==> flow/design.v <==
module gen_mag_cmp #(
    parameter W = 32
) (
    input  i_clk,
    input  rstn,
    input  [W-1:0] opa,
    input  [W-1:0] opb,
    output reg greater,
    output reg match
);
    localparam NB = W / 4;
    wire [NB:0] g;
    wire [NB:0] e;
    assign g[0] = 1'b0;
    assign e[0] = 1'b1;
    genvar gi;
    generate
        for (gi = 0; gi < NB; gi = gi + 1) begin : gen
            cmp4 u0 (.a(opa[4*gi +: 4]), .b(opb[4*gi +: 4]), .gi(g[gi]), .ei(e[gi]), .go(g[gi+1]), .eo(e[gi+1]));
        end
    endgenerate
    always @(posedge i_clk or negedge rstn) begin
        if (~rstn) begin
            greater <= 1'b0;
            match <= 1'b0;
        end else begin
            greater <= g[NB];
            match <= e[NB];
        end
    end
endmodule
module cmp4 (
    input wire [3:0] a,
    input wire [3:0] b,
    input wire gi,
    input wire ei,
    output wire go,
    output wire eo
);
    assign go = (a > b) | ((a == b) & gi);
    assign eo = (a == b) & ei;
endmodule
# Tool chain data of gen_mag_cmp

The steps from the RTL of gen_mag_cmp to its reports follow in flow order.
Lines are those of the file above, counted from 1.
Operators: Yosys type, input widths -> output width; for muxes data width and select width s.
Library cell names are shortened.
Not given: n/a

Design top: gen_mag_cmp
Clock: i_clk
Standard-cell library: sky130hd
Timing corner: tt_025C_1v80

# After elaboration

Source: Yosys, flattened and elaborated, memories not mapped. Widths are those after wreduce; folded enables and synchronous resets count as part of the registers. Registers that Yosys merges into a memory's read port (data or address) are not register bits. Print and check cells do not count. Equal cells are merged and count once.

Equal/unequal tests: 8
Magnitude comparators: 8
Bitwise operators: 21

Operators by type and width:

| operator    | count |
| $gt 4x4->1  | 8 |
| $eq 4x4->1  | 8 |
| $and 1x1->1 | 14 |
| $or 1x1->1  | 7 |

Register bits after elaboration: 2
Word-level cells: 39

# Depth

Longest topological path by Yosys (ltp), each cell counted once; first at word level (registers and memories cut), then after technology mapping (sequential cells cut; the memories' decode and read muxes count).

Depth after elaboration: 15
ABC_AREA: 0
Gate-level depth with buffers: 7

# Synthesis result

The flow's flattened synthesis, as Yosys stat reports it; memories are mapped. The netlist is that of the ABC_AREA named above (0 if unset); the other value can give another one.
The area totals of this step are shown rounded.

Cell types:

| cell type | count |
| ha_1      | 32 |
| inv_1     | 33 |
| dfrtp_1   | 2 |
| and4_1    | 4 |
| nand4_1   | 5 |
| a21oi_1   | 6 |
| nor2b_1   | 4 |
| a211oi_1  | 3 |
| o211ai_1  | 3 |
| nand2b_1  | 3 |
| a2111oi_2 | 1 |
| a21o_1    | 2 |
| a221oi_2  | 1 |
| o21a_1    | 2 |
| o21ai_0   | 3 |
| o31ai_1   | 2 |
| and3_1    | 2 |
| a211o_1   | 1 |

Other cell types: 7; their cells: 9.

Standard cells after synthesis: 118
Mapped area: 921 um^2
Mapped flip-flops: 2

By module: a second synthesis without flattening, with its own total; a netlist apart from the flattened one above.

Cells (unflattened synthesis): 132
Area total of the unflattened synthesis: 918 um^2

Rows give one instance, submodules left out.

By module:

| module      | seq. area (um^2) | cells | area (um^2) | instances |
| cmp4        | 0.0              | 16    | 108         | 8 |
| gen_mag_cmp | 50.0             | 4     | 57.6        | 1 |

# Path before layout

Source: OpenSTA report_checks on the synthesized netlist (no wires, ideal clock, input and output delay 20% of the period each), path of least setup slack; recovery checks are left aside. Register names are those of the netlist, which keeps one name where synthesis merged equal registers.

Path kind: input -> register
From: input opb[14]
To: register greater
Buffers on the path: 0
Input delay: 0.428 ns
Setup slack: 0.346 ns
Library setup time: 0.136 ns
Path delay: 1.367 ns
Required time: 2.004 ns
Arrival: 1.659 ns
Clock period: 2.14 ns
Driving pins on the path: 7
Synthesis period reached: 1.794 ns

"path delay" is the arrival time less input delay plus setup time.
"driving pins on the path": output pins that drive a net of the path, with the launching flip-flop's if there is one; two outputs of one cell count as two.
"synthesis period reached" is the clock period less the worst setup slack; recovery checks do not enter. This is arithmetic on one report: input and output delays are still those of the set period (20% each).
Between the ends stands the longest chain of elaborated cells between them, by number of cells; it is not shown to be the way that was timed. Of several equally long chains one is given.
A line is the first line of the expression or statement that the cell stems from. Yosys adds cells for indexed reads and writes and turns some case tables into memories.

Cell sequence: inv_1 ha_1 and3b_1 a2111oi_2 o21ai_1 a221oi_2 a22oi_1
Cells in the longest elaborated chain: 11

RTL lines, path post-synthesis:

| what        | RTL line | text |
| from (decl) | 7        | `input  [W-1:0] opb,` |
| $eq 4x4->1  | 40       | `assign go = (a > b) \| ((a == b) & gi);` |
| $and 1x1->1 | 40       |  |
| $or 1x1->1  | 40       |  |
| $and 1x1->1 | 40       |  |
| $or 1x1->1  | 40       |  |
| $and 1x1->1 | 40       |  |
| $or 1x1->1  | 40       |  |
| $and 1x1->1 | 40       |  |
| $or 1x1->1  | 40       |  |
| $and 1x1->1 | 40       |  |
| $or 1x1->1  | 40       |  |
| to (assign) | 24       | `greater <= 1'b0;` |
| to (assign) | 27       | `greater <= g[NB];` |
| to (decl)   | 8        | `output reg greater,` |

# Path in the finished layout

From the final timing report of flow run 1: the path of least setup slack in the routed layout; clock arrival at registers is part of the times.

Path kind: input -> register
From: input opb[14]
To: register greater
Arrival: 2.47 ns
Buffers on the path: 1
Library setup time: 0.13 ns
Required time: 3.27 ns
Driving pins on the path: 8
Input delay: 0.64 ns
Setup slack: 0.80 ns
Clock period: 3.19 ns

Between the ends stands the longest chain of elaborated cells between them, by number of cells; it is not shown to be the way that was timed. Of several equally long chains one is given.

Cell sequence: clkdlybuf4s50_1 inv_1 ha_1 and3b_1 a2111oi_2 o21ai_1 a221oi_2 a22oi_1
Cells in the longest elaborated chain: 11

RTL lines, path post-layout:

| what        | RTL line | text |
| from (decl) | 7        | `input  [W-1:0] opb,` |
| $eq 4x4->1  | 40       | `assign go = (a > b) \| ((a == b) & gi);` |
| $and 1x1->1 | 40       |  |
| $or 1x1->1  | 40       |  |
| $and 1x1->1 | 40       |  |
| $or 1x1->1  | 40       |  |
| $and 1x1->1 | 40       |  |
| $or 1x1->1  | 40       |  |
| $and 1x1->1 | 40       |  |
| $or 1x1->1  | 40       |  |
| $and 1x1->1 | 40       |  |
| $or 1x1->1  | 40       |  |
| to (assign) | 24       | `greater <= 1'b0;` |
| to (assign) | 27       | `greater <= g[NB];` |
| to (decl)   | 8        | `output reg greater,` |

FLOW RESULTS
============

gen_mag_cmp through Yosys and OpenROAD on sky130hd: 3 stored runs, unordered, with their settings and measured results. The constraints put input and output delay at 20% of the set period each and load the outputs with 0.01 pF.
"achieved clock period" means the clock period less the worst setup slack. The figure is calculated, with input and output delays left at 20% of the set period.
"time used up by the worst setup path" = time allowed to the worst setup path (clock period - input delay - output delay, where it has them) - its slack; a late launch clock adds to it, a late capture clock takes from it.
"power" is the tool's figure for a default switching activity; nothing was simulated.
Values from the reports are rounded here.

## Flow run 1

==> flow/run.sh <==
#!/bin/bash
# the make line also repeats the synthesis and layout settings of config.mk as NAME=value (left out here)
make -C /OpenROAD-flow-scripts/flow DESIGN_CONFIG=/design/flow/config.mk WORK_HOME=/design/flow/orfs CLKGATE_MAP_FILE= finish
==> flow/config.mk <==
export PLATFORM = sky130hd
export DESIGN_NAME = gen_mag_cmp
export DESIGN_NICKNAME = gen_mag_cmp
export VERILOG_FILES = /design/flow/design.v
export SDC_FILE = /design/flow/constraint.sdc
export NUM_CORES = 4
export LEC_CHECK = 0
export CAP_MARGIN = 35
export CORE_ASPECT_RATIO = 0.55
export CORE_MARGIN = 2
export CORE_UTILIZATION = 39
export CTS_CLUSTER_DIAMETER = 393
export CTS_CLUSTER_SIZE = 96
export GPL_ROUTABILITY_DRIVEN = 0
export HOLD_SLACK_MARGIN = 0.15
export MAX_ROUTING_LAYER = met4
export PLACE_DENSITY_LB_ADDON = 0.01
export SETUP_SLACK_MARGIN = 0.49
export SLEW_MARGIN = 35
==> flow/constraint.sdc <==
create_clock -name core_clock -period 3.19 [get_ports {i_clk}]
set_input_delay 0.6380 -clock core_clock [delete_from_list [all_inputs] [get_ports {i_clk}]]
set_output_delay 0.6380 -clock core_clock [all_outputs]
set_load 0.01 [all_outputs]

| result of flow run 1 | value |
|---|---|
| power | 0.319 mW |
| area inside the die boundary | 2780 um^2 |
| achieved clock period | 2.391 ns |
| time used up by the worst setup path | 1.75 ns |
| kind of the worst setup path | input -> register |
| standard-cell area after layout | 1670 um^2 |
| worst setup slack after layout | 0.799 ns |
| sum of negative setup slack | 0.000 ns |
| synthesis area | 921 um^2 |

## Flow run 2

==> flow/run.sh <==
#!/bin/bash
# the make line also repeats the synthesis and layout settings of config.mk as NAME=value (left out here)
make -C /OpenROAD-flow-scripts/flow DESIGN_CONFIG=/design/flow/config.mk WORK_HOME=/design/flow/orfs CLKGATE_MAP_FILE= finish
==> flow/config.mk <==
export PLATFORM = sky130hd
export DESIGN_NAME = gen_mag_cmp
export DESIGN_NICKNAME = gen_mag_cmp
export VERILOG_FILES = /design/flow/design.v
export SDC_FILE = /design/flow/constraint.sdc
export NUM_CORES = 4
export LEC_CHECK = 0
export CAP_MARGIN = 20
export CORE_MARGIN = 2
export CORE_UTILIZATION = 66
export PLACE_DENSITY_LB_ADDON = 0.03
export SLEW_MARGIN = 0
==> flow/constraint.sdc <==
create_clock -name core_clock -period 1.97 [get_ports {i_clk}]
set_input_delay 0.3940 -clock core_clock [delete_from_list [all_inputs] [get_ports {i_clk}]]
set_output_delay 0.3940 -clock core_clock [all_outputs]
set_load 0.01 [all_outputs]

Flow run 2: did not finish, placement stopped with FLW-0024

## Flow run 3

==> flow/run.sh <==
#!/bin/bash
# the make line also repeats the synthesis and layout settings of config.mk as NAME=value (left out here)
make -C /OpenROAD-flow-scripts/flow DESIGN_CONFIG=/design/flow/config.mk WORK_HOME=/design/flow/orfs CLKGATE_MAP_FILE= finish
==> flow/config.mk <==
export PLATFORM = sky130hd
export DESIGN_NAME = gen_mag_cmp
export DESIGN_NICKNAME = gen_mag_cmp
export VERILOG_FILES = /design/flow/design.v
export SDC_FILE = /design/flow/constraint.sdc
export NUM_CORES = 4
export LEC_CHECK = 0
export CAP_MARGIN = 20
export CORE_MARGIN = 2
export CORE_UTILIZATION = 40
export SLEW_MARGIN = 20
==> flow/constraint.sdc <==
create_clock -name core_clock -period 2.14 [get_ports {i_clk}]
set_input_delay 0.4280 -clock core_clock [delete_from_list [all_inputs] [get_ports {i_clk}]]
set_output_delay 0.4280 -clock core_clock [all_outputs]
set_load 0.01 [all_outputs]

| result of flow run 3 | value |
|---|---|
| power | 0.430 mW |
| area inside the die boundary | 2700 um^2 |
| achieved clock period | 2.037 ns |
| time used up by the worst setup path | 1.61 ns |
| kind of the worst setup path | input -> register |
| standard-cell area after layout | 1750 um^2 |
| worst setup slack after layout | 0.103 ns |
| sum of negative setup slack | 0.000 ns |
| synthesis area | 921 um^2 |
